==> flow/design.v <==
module my_mul_unit_stage (clock, RSTN, op_a_in, op_b_in, prod_out);
  parameter DATA_W = 14;
  input clock;
  input RSTN;
  input [DATA_W-1:0] op_a_in;
  input [DATA_W-1:0] op_b_in;
  output [2*DATA_W-1:0] prod_out;
  reg [DATA_W-1:0] r_op_a;
  reg [DATA_W-1:0] r_op_b;
  reg [2*DATA_W-1:0] r;
  integer idx;
  always @* begin
    r = 0;
    for (idx = 0; idx < DATA_W; idx = idx + 1)
      if (r_op_b[idx]) r = r + (r_op_a << idx);
  end
  assign prod_out = r;
  always @(posedge clock or negedge RSTN) begin
    if (!RSTN) begin
      r_op_a <= 0;
      r_op_b <= 0;
    end else begin
      r_op_a <= op_a_in;
      r_op_b <= op_b_in;
    end
  end
endmodule
# Tool chain data of my_mul_unit_stage
# What the tools print for my_mul_unit_stage, step after step.
# Line numbers count from 1 in the design file above.
# Cell names lack the library's common part.
# The mark - stands for no value.
[design]
top = "my_mul_unit_stage"
clock = "clock"
library = "sky130hd"
lib_corner = "tt_025C_1v80"

# After elaboration
# Yosys after proc, flatten, opt, wreduce and memory -nomap, before mapping. Enables and synchronous resets that opt folds into registers are not counted as muxes. Memory bits, and registers merged into a memory's read port (data or address), are not among the register bits. Print and check cells are not counted. Equal cells are merged and count once.
[bits]
register_bits = 28
in_bits = 30
[classes]
n_mux = 14
addsub = 13
[ops]
columns = ["operator", "n"]
rows = [
  ["two-way mux 28 bit", 13],
  ["adder 28 x 15 -> 28 bit", 1],
  ["adder 28 x 16 -> 28 bit", 1],
  ["adder 28 x 17 -> 28 bit", 1],
  ["adder 28 x 18 -> 28 bit", 1],
  ["adder 28 x 19 -> 28 bit", 1],
  ["adder 28 x 20 -> 28 bit", 1],
  ["adder 28 x 21 -> 28 bit", 1],
  ["adder 28 x 22 -> 28 bit", 1],
  ["adder 28 x 23 -> 28 bit", 1],
  ["adder 28 x 24 -> 28 bit", 1],
  ["adder 28 x 25 -> 28 bit", 1],
  ["adder 28 x 26 -> 28 bit", 1],
  ["adder 28 x 27 -> 28 bit", 1],
  ["two-way mux 14 bit", 1],
]

# Logic depth
# Depth = most cells in a row (Yosys ltp): at word level without a register or memory, in the mapped netlist without a sequential cell, where the memories' decode and read muxes count.
[logic_depth]
ltp_word = 27
abc_area = 0
mapped_depth = 98
ltp_nobuf = 96

# Mapped cells and area
# Yosys stat after the flow's synthesis: flattened, memories mapped to cells. It holds for the ABC_AREA given above (unset counts as 0); a run with the other value may have another netlist.
[by_type]
columns = ["cell", "n"]
rows = [
  ["ha_1", 194],
  ["dfrtp_1", 28],
  ["o21ai_0", 128],
  ["xnor2_1", 73],
  ["a21oi_1", 126],
  ["nand2_1", 147],
  ["nor2_1", 146],
  ["mux2_2", 40],
  ["a21o_1", 53],
  ["xor2_1", 43],
  ["inv_1", 88],
  ["o21a_1", 35],
  ["fa_1", 13],
  ["a211oi_1", 34],
  ["nor3_1", 36],
  ["a31oi_1", 28],
  ["mux2i_1", 17],
  ["clkbuf_1", 45],
]
# Not listed: further types 67, cells in them 350.
[synth_totals]
buf_cells = 50
seq_area_um2 = 700.7
area_um2 = 11743.8
flip_flops = 28
cell_count = 1624

# Timing after synthesis
# Source: OpenSTA report_checks on the synthesized netlist (no wires, ideal clock, input and output delay 20% of the period each), path of least setup slack; recovery checks are left aside. Register names are those of the netlist, which keeps one name where synthesis merged equal registers.
[synth_path]
path_type = "register -> output"
start = "register r_op_a[1]"
end = "output port prod_out[26]"
t_arrival_ps = 16437
period_ps = 25700
n_path_buf = 1
setup_slack_ps = 4123
out_delay_ps = 5140
driving_pins = 89
t_first_pin_ps = 0
required_ps = 20560
delay_ps = 16437
period_less_setup_slack_ps = 21577
# "delay_ps" = arrival - input delay + setup time.
# At an output port there is no setup time.
# "driving_pins": output pins that drive a net of the path, with the launching flip-flop's if there is one; two outputs of one cell count as two.
# "period_less_setup_slack_ps" = period - worst setup slack (recovery checks aside). The figure is calculated, with input and output delays left at 20% of the set period.
# Between the ends stands the longest chain of elaborated cells between them, by number of cells; it is not shown to be the way that was timed. Of several equally long chains one is given.
# Each line given opens the expression or statement behind the cell; cells for indexed reads and writes are added by Yosys, which also makes memories of some case tables.
[synth_via]
cell_sequence = "dfrtp_1 -> and2_1 -> ha_1 -> fa_1 -> a21oi_1 -> o221ai_1 -> a31oi_1 -> nor2b_1 -> o21ai_1 -> and2_1 -> a21oi_1 -> o21bai_1 -> ha_1 -> and3_1 -> a221oi_2 -> nand2_1 -> a21oi_1 -> xor2_1 -> (+53 left out) -> o21ai_0 -> o31ai_2 -> ha_1 -> nand3_1 -> o21ai_0 -> nor2_1 -> xnor2_1 -> nor2_1 -> a31oi_1 -> ha_1 -> a21oi_1 -> inv_1 -> a41oi_1 -> o21bai_1 -> a31o_2 -> a21oi_1 -> xor2_1 -> o21ai_0"
elab_chain_cells = 27
cells_between = 27
[synth_lines]
columns = ["element", "line", "text"]
rows = [
  ["from (decl)", 8, "reg [DATA_W-1:0] r_op_a;"],
  ["from (assign)", 20, "r_op_a <= 0;"],
  ["from (assign)", 23, "r_op_a <= op_a_in;"],
  ["two-way mux 14 bit", 15, "if (r_op_b[idx]) r = r + (r_op_a << idx);"],
  ["adder 28 x 15 -> 28 bit", 15, ""],
  ["two-way mux 28 bit", 15, ""],
  ["adder 28 x 16 -> 28 bit", 15, ""],
  ["two-way mux 28 bit", 15, ""],
  ["adder 28 x 17 -> 28 bit", 15, ""],
  ["two-way mux 28 bit", 15, ""],
  ["(+13 left out)", "-", ""],
  ["two-way mux 28 bit", 15, ""],
  ["adder 28 x 25 -> 28 bit", 15, ""],
  ["two-way mux 28 bit", 15, ""],
  ["adder 28 x 26 -> 28 bit", 15, ""],
  ["two-way mux 28 bit", 15, ""],
  ["adder 28 x 27 -> 28 bit", 15, ""],
  ["two-way mux 28 bit", 15, ""],
  ["to (decl)", 7, "output [2*DATA_W-1:0] prod_out;"],
]

# Path in the finished layout
# Path of least setup slack in the final report of run B (OpenROAD, finished layout, wires in). Where an end is a register, its clock arrival counts in the times.
# The report prints the path's times to 10 ps; the period is as set.
[layout_path]
path_type = "register -> output"
start = "register r_op_a[1]"
end = "output port prod_out[26]"
period_ps = 25700
driving_pins = 90
out_delay_ps = 5140
t_first_pin_ps = 280
n_path_buf = 1
t_arrival_ps = 19240
required_ps = 20560
setup_slack_ps = 1320
# Between the ends stands the longest chain of elaborated cells between them, by number of cells; it is not shown to be the way that was timed. Of several equally long chains one is given.
[layout_via]
cell_sequence = "dfrtp_2 -> and2_1 -> ha_1 -> fa_1 -> a21oi_1 -> o221ai_1 -> xor2_1 -> a21oi_1 -> inv_1 -> ha_1 -> o21ai_0 -> o21bai_1 -> a21oi_2 -> xnor2_1 -> a221oi_2 -> inv_1 -> ha_1 -> o211ai_1 -> (+54 left out) -> o31ai_2 -> ha_1 -> nand3_1 -> o21ai_1 -> nor2_1 -> xnor2_1 -> nor2_1 -> a31oi_2 -> ha_1 -> a21oi_1 -> inv_1 -> a41oi_1 -> o21bai_1 -> a31o_2 -> a21oi_1 -> xor2_1 -> o21ai_0 -> clkdlybuf4s50_1"
elab_chain_cells = 27
cells_between = 27
[layout_lines]
columns = ["element", "line", "text"]
rows = [
  ["from (decl)", 8, "reg [DATA_W-1:0] r_op_a;"],
  ["from (assign)", 20, "r_op_a <= 0;"],
  ["from (assign)", 23, "r_op_a <= op_a_in;"],
  ["two-way mux 14 bit", 15, "if (r_op_b[idx]) r = r + (r_op_a << idx);"],
  ["adder 28 x 15 -> 28 bit", 15, ""],
  ["two-way mux 28 bit", 15, ""],
  ["adder 28 x 16 -> 28 bit", 15, ""],
  ["two-way mux 28 bit", 15, ""],
  ["adder 28 x 17 -> 28 bit", 15, ""],
  ["two-way mux 28 bit", 15, ""],
  ["(+13 left out)", "-", ""],
  ["two-way mux 28 bit", 15, ""],
  ["adder 28 x 25 -> 28 bit", 15, ""],
  ["two-way mux 28 bit", 15, ""],
  ["adder 28 x 26 -> 28 bit", 15, ""],
  ["two-way mux 28 bit", 15, ""],
  ["adder 28 x 27 -> 28 bit", 15, ""],
  ["two-way mux 28 bit", 15, ""],
  ["to (decl)", 7, "output [2*DATA_W-1:0] prod_out;"],
]

# Below are 3 stored runs of the flow (Yosys, OpenROAD; platform sky130hd) on my_mul_unit_stage, each with its settings and what was measured, unordered. Constraints: input delay and output delay 20% of the set period each, output load 0.01 pF.
# "achievedPeriod_ps" = clock period - worst setup slack. The figure is calculated, with input and output delays left at 20% of the set period.

[[run]]
name = "run A"
[run.settings]
period_ns = 24.1
CORE_UTILIZATION = 51
SETUP_SLACK_MARGIN = -0.57
PLACE_DENSITY_LB_ADDON = 0.23
HOLD_SLACK_MARGIN = 0.12
CORE_ASPECT_RATIO = 1.46
CORE_MARGIN = 4
CELL_PAD_IN_SITES_GLOBAL_PLACEMENT = 3
CELL_PAD_IN_SITES_DETAIL_PLACEMENT = 0
ABC_AREA = 1
GPL_TIMING_DRIVEN = 1
CTS_CLUSTER_SIZE = 20
CTS_CLUSTER_DIAMETER = 221
SLEW_MARGIN = 30
MIN_ROUTING_LAYER = "met2"
MAX_ROUTING_LAYER = "met4"
CAP_MARGIN = 20
[run.results]
outcome = "did not finish, placement stopped with FLW-0024"

[[run]]
name = "run B"
[run.settings]
period_ns = 25.7
CAP_MARGIN = 20
CORE_MARGIN = 2
CORE_UTILIZATION = 40
SLEW_MARGIN = 20
[run.results]
fin_ws_ps = 1323
cell_area_final_um2 = 12953.7
achievedPeriod_ps = 24377
design_die_area_um2 = 30745.9
total_negative_slack_ps = 0
synth_chip_area_um2 = 11743.8

[[run]]
name = "run C"
[run.settings]
period_ns = 15.6
CORE_UTILIZATION = 43
PLACE_DENSITY_LB_ADDON = 0.03
HOLD_SLACK_MARGIN = 0.09
CELL_PAD_IN_SITES_DETAIL_PLACEMENT = 0
TNS_END_PERCENT = 65
ABC_AREA = 1
GPL_TIMING_DRIVEN = 0
CTS_CLUSTER_DIAMETER = 273
CAP_MARGIN = 35
CORE_MARGIN = 2
SLEW_MARGIN = 20
[run.results]
fin_ws_ps = -2028
cell_area_final_um2 = 17226.5
achievedPeriod_ps = 17628
design_die_area_um2 = 27572.6
total_negative_slack_ps = -19714
synth_chip_area_um2 = 11292.1
